==> flow/design.v <==
module gen_order_rtl #(
    parameter XLEN = 40,
    parameter LANES = 7
) (
    input logic CLK,
    input logic srst,
    input logic [LANES*XLEN-1:0] i_ch,
    output logic [XLEN-1:0] o_high
);
    logic [LANES*XLEN-1:0] ch_reg;
    always_ff @(posedge CLK or posedge srst) begin
        if (srst) begin
            ch_reg <= '0;
        end else begin
            ch_reg <= i_ch;
        end
    end
    logic [XLEN-1:0] val;
    always_comb begin
        val = ch_reg[XLEN-1:0];
        for (int idx = 1; idx < LANES; idx++)
            if (ch_reg[idx*XLEN +: XLEN] > val) val = ch_reg[idx*XLEN +: XLEN];
    end
    always_ff @(posedge CLK or posedge srst) begin
        if (srst) begin
            o_high <= '0;
        end else begin
            o_high <= val;
        end
    end
endmodule
# == Step by step through the tools: gen_order_rtl ==
# Tool output for the design above, in the order of the flow.
# Lines are those of the file above, counted from 1.
# Cell names lack the library's common part.
# Not given: --
# setup
top,gen_order_rtl
clock_port,CLK
library,sky130hd
pvt_corner,tt_025C_1v80

# == Word-level counts ==
# Source: Yosys, flattened and elaborated, memories not mapped. Widths are those after wreduce; folded enables and synchronous resets count as part of the registers. Registers that Yosys merges into a memory's read port (data or address) are not register bits. Print and check cells do not count. Equal cells are merged and count once.
# word_totals
register_bits,320
inputBits,282
out_inout_bits,40
# op_classes
n_cmp,6
n_mux,6
# ops
op,count
greater-than comparator 40 bit,6
two-way mux 40 bit,6

# == Logic depth ==
# Yosys ltp: most cells in a row. Word level: on the elaborated netlist, between registers, memories and ports. Mapped: between sequential cells and ports; inverters and the memories' decode and read muxes count.
# depth
depth_word,12
ABC_AREA,0
depth_mapped,92
depth_no_buf,81

# == Netlist ==
# The flow's flattened synthesis, as Yosys stat reports it; memories are mapped. The netlist is that of the ABC_AREA named above (0 if unset); the other value can give another one.
# synth_totals
stdcells,1569
synth_area_mm2,0.0170664
flip_flops,320
# types
cell,count,area_total_um2
dfrtp_1,320,8007.68
ha_1,234,2.93E+03
mux2_2,79,889.603
mux2i_1,78,780.749
inv_1,207,776.995
a21oi_1,141,705.677
nor2_1,119,446.678
nand4_1,56,350.336
a21o_1,46,345.331
o21ai_0,41,205.197
nor2b_1,21,131.376
clkbuf_1,25,93.84
nand2_1,25,93.84
nand3_1,18,90.086
o21a_1,12,90.086
nand2b_1,14,87.584
nor3_1,16,80.077
nor4_1,12,75.072
# Other cell types: 48; their cells: 105.

# == Timing after synthesis ==
# Path of least setup slack by OpenSTA after synthesis, without wires, with an ideal clock, recovery checks aside; 20% of the period is set as input and as output delay. Where synthesis merged equal registers, the netlist keeps one of their names.
# synth_path
path_kind,flip-flop to flip-flop
from,register ch_reg[65]
to,register o_high[10]
period_ps,22400
setup_ps,133
t_arrival_ps,17824
t_required_ps,22267
path_slack_ps,4444
path_delay_ps,17957
driving_pins,89
n_path_buf,12
synth_period_reached_ps,17956
# "path_delay_ps" = arrival - input delay + setup time.
# "driving_pins": output pins that drive a net of the path, with the launching flip-flop's if there is one; two outputs of one cell count as two.
# "synth_period_reached_ps" is the clock period less the worst setup slack; recovery checks do not enter. This is arithmetic on one report: input and output delays are still those of the set period (20% each).
# Between the ends stands the longest chain of elaborated cells between them, by number of cells; it is not shown to be the way that was timed. Of several equally long chains one is given.
# Each line given opens the expression or statement behind the cell; cells for indexed reads and writes are added by Yosys, which also makes memories of some case tables.
# synth_via
path_cell_list,dfrtp_1 -> ha_1 -> a21o_1 -> nand3_1 -> a2111oi_0 -> or4_1 -> a211o_1 -> and2_1 -> clkbuf_1 -> clkbuf_1 -> clkbuf_1 -> nor2_1 -> a21oi_1 -> ha_1 -> nand4_1 -> nor4_1 -> nand3_1 -> or2_1 -> [... 53 more ...] -> ha_1 -> nor2b_1 -> o21a_1 -> o21a_1 -> o21ai_0 -> nand2b_1 -> a21oi_1 -> nor2b_1 -> o21ai_0 -> nand2b_1 -> a221oi_1 -> o221ai_1 -> a221o_1 -> a221o_1 -> o21ai_1 -> clkbuf_1 -> clkbuf_1 -> a21oi_1
elab_chain_len,12
# synth_rtl
item,line,text
"start, declared",10,logic [LANES*XLEN-1:0] ch_reg;
"start, assigned",13,ch_reg <= '0;
"start, assigned",15,ch_reg <= i_ch;
greater-than comparator 40 bit,22,if (ch_reg[idx*XLEN +: XLEN] > val) val = ch_reg[idx*XLEN +: XLEN];
two-way mux 40 bit,22,
greater-than comparator 40 bit,22,
two-way mux 40 bit,22,
greater-than comparator 40 bit,22,
two-way mux 40 bit,22,
greater-than comparator 40 bit,22,
two-way mux 40 bit,22,
greater-than comparator 40 bit,22,
two-way mux 40 bit,22,
greater-than comparator 40 bit,22,
two-way mux 40 bit,22,
"end, assigned",26,o_high <= '0;
"end, assigned",28,o_high <= val;
"end, declared",8,output logic [XLEN-1:0] o_high

# == Path in the finished layout ==
# From the final timing report of entry A: the path of least setup slack in the routed layout; clock arrival at registers is part of the times.
# The report prints the path's times to 10 ps; the period is as set.
# layout_path
path_kind,flip-flop to flip-flop
from,register ch_reg[75]
to,register o_high[0]
period_ps,22400
setup_ps,110
t_arrival_ps,20880
t_required_ps,22820
path_slack_ps,1940
driving_pins,81
n_path_buf,4
# Between the ends stands the longest chain of elaborated cells between them, by number of cells; it is not shown to be the way that was timed. Of several equally long chains one is given.
# layout_via
path_cell_list,dfrtp_1 -> ha_1 -> nand4_1 -> nor4_1 -> o311a_1 -> a211o_1 -> and2_2 -> buf_4 -> nor2_1 -> a21oi_1 -> ha_1 -> nand4_1 -> nor3_1 -> nand3_1 -> or2_1 -> or3b_1 -> a31oi_1 -> mux2_2 -> [... 45 more ...] -> buf_4 -> mux2i_1 -> ha_1 -> a21oi_1 -> nor2b_1 -> o21ai_0 -> nand2b_1 -> a21oi_1 -> nor2b_1 -> o21ai_0 -> nand2b_1 -> a221oi_1 -> o221ai_1 -> a221o_1 -> a221o_1 -> o21ai_4 -> buf_4 -> mux2_2
elab_chain_len,12
# layout_rtl
item,line,text
"start, declared",10,logic [LANES*XLEN-1:0] ch_reg;
"start, assigned",13,ch_reg <= '0;
"start, assigned",15,ch_reg <= i_ch;
greater-than comparator 40 bit,22,if (ch_reg[idx*XLEN +: XLEN] > val) val = ch_reg[idx*XLEN +: XLEN];
two-way mux 40 bit,22,
greater-than comparator 40 bit,22,
two-way mux 40 bit,22,
greater-than comparator 40 bit,22,
two-way mux 40 bit,22,
greater-than comparator 40 bit,22,
two-way mux 40 bit,22,
greater-than comparator 40 bit,22,
two-way mux 40 bit,22,
greater-than comparator 40 bit,22,
two-way mux 40 bit,22,
"end, assigned",26,o_high <= '0;
"end, assigned",28,o_high <= val;
"end, declared",8,output logic [XLEN-1:0] o_high

# Settings and measured results of 3 stored flow runs for module gen_order_rtl (sky130hd), not sorted in any way. The constraints put input and output delay at 20% of the set period each and load the outputs with 0.01 pF.
# By "achieved_clock_period_ps" is meant the clock period of the run minus its worst setup slack. This is arithmetic on one report: input and output delays are still those of the set period (20% each).
# By "worst_setup_path_time_ps" is meant the share of the clock period that the worst setup path is allowed (20% is reserved at inputs, 20% at outputs), minus its slack. Clock arrival times at its registers enter into it.
# "total_power_uw": no workload was simulated; the value follows from the tool's default switching activity.
# "worst_setup_path_time_ps" is known to 10 ps.
# Among the settings, - means not set for that run.
# Among the results, - means that no value is shown for the run.
run name,period_ns,CAP_MARGIN,CORE_MARGIN,CORE_UTILIZATION,SLEW_MARGIN,SETUP_SLACK_MARGIN,PLACE_DENSITY_LB_ADDON,HOLD_SLACK_MARGIN,CORE_ASPECT_RATIO,CELL_PAD_IN_SITES_DETAIL_PLACEMENT,ABC_AREA,CTS_CLUSTER_DIAMETER,CELL_PAD_IN_SITES_GLOBAL_PLACEMENT,GPL_TIMING_DRIVEN,GPL_ROUTABILITY_DRIVEN,CTS_CLUSTER_SIZE,total_power_uw,fin_util_pct,ws_setup_ps,worst_setup_path_time_ps,worst_setup_path_type,synthArea_mm2,design.die.area_mm2,achieved_clock_period_ps
entry A,22.4,20,2,40,20,-,-,-,-,-,-,-,-,-,-,-,2304,52.6,1938,20460,flip-flop to flip-flop,0.0170664,0.0443334,20462
entry B,29.0,20,2,52,20,5.0,0.06,0.07,0.62,0,0,325,-,-,-,-,1737,67.2,6802,22200,flip-flop to flip-flop,0.0170664,0.0343259,22198
entry C,23.7,20,2,62,20,3.08,0.05,-,-,-,-,-,3,1,0,10,-,-,-,-,-,-,-,-
# Entry C: did not finish, placement stopped with FLW-0024
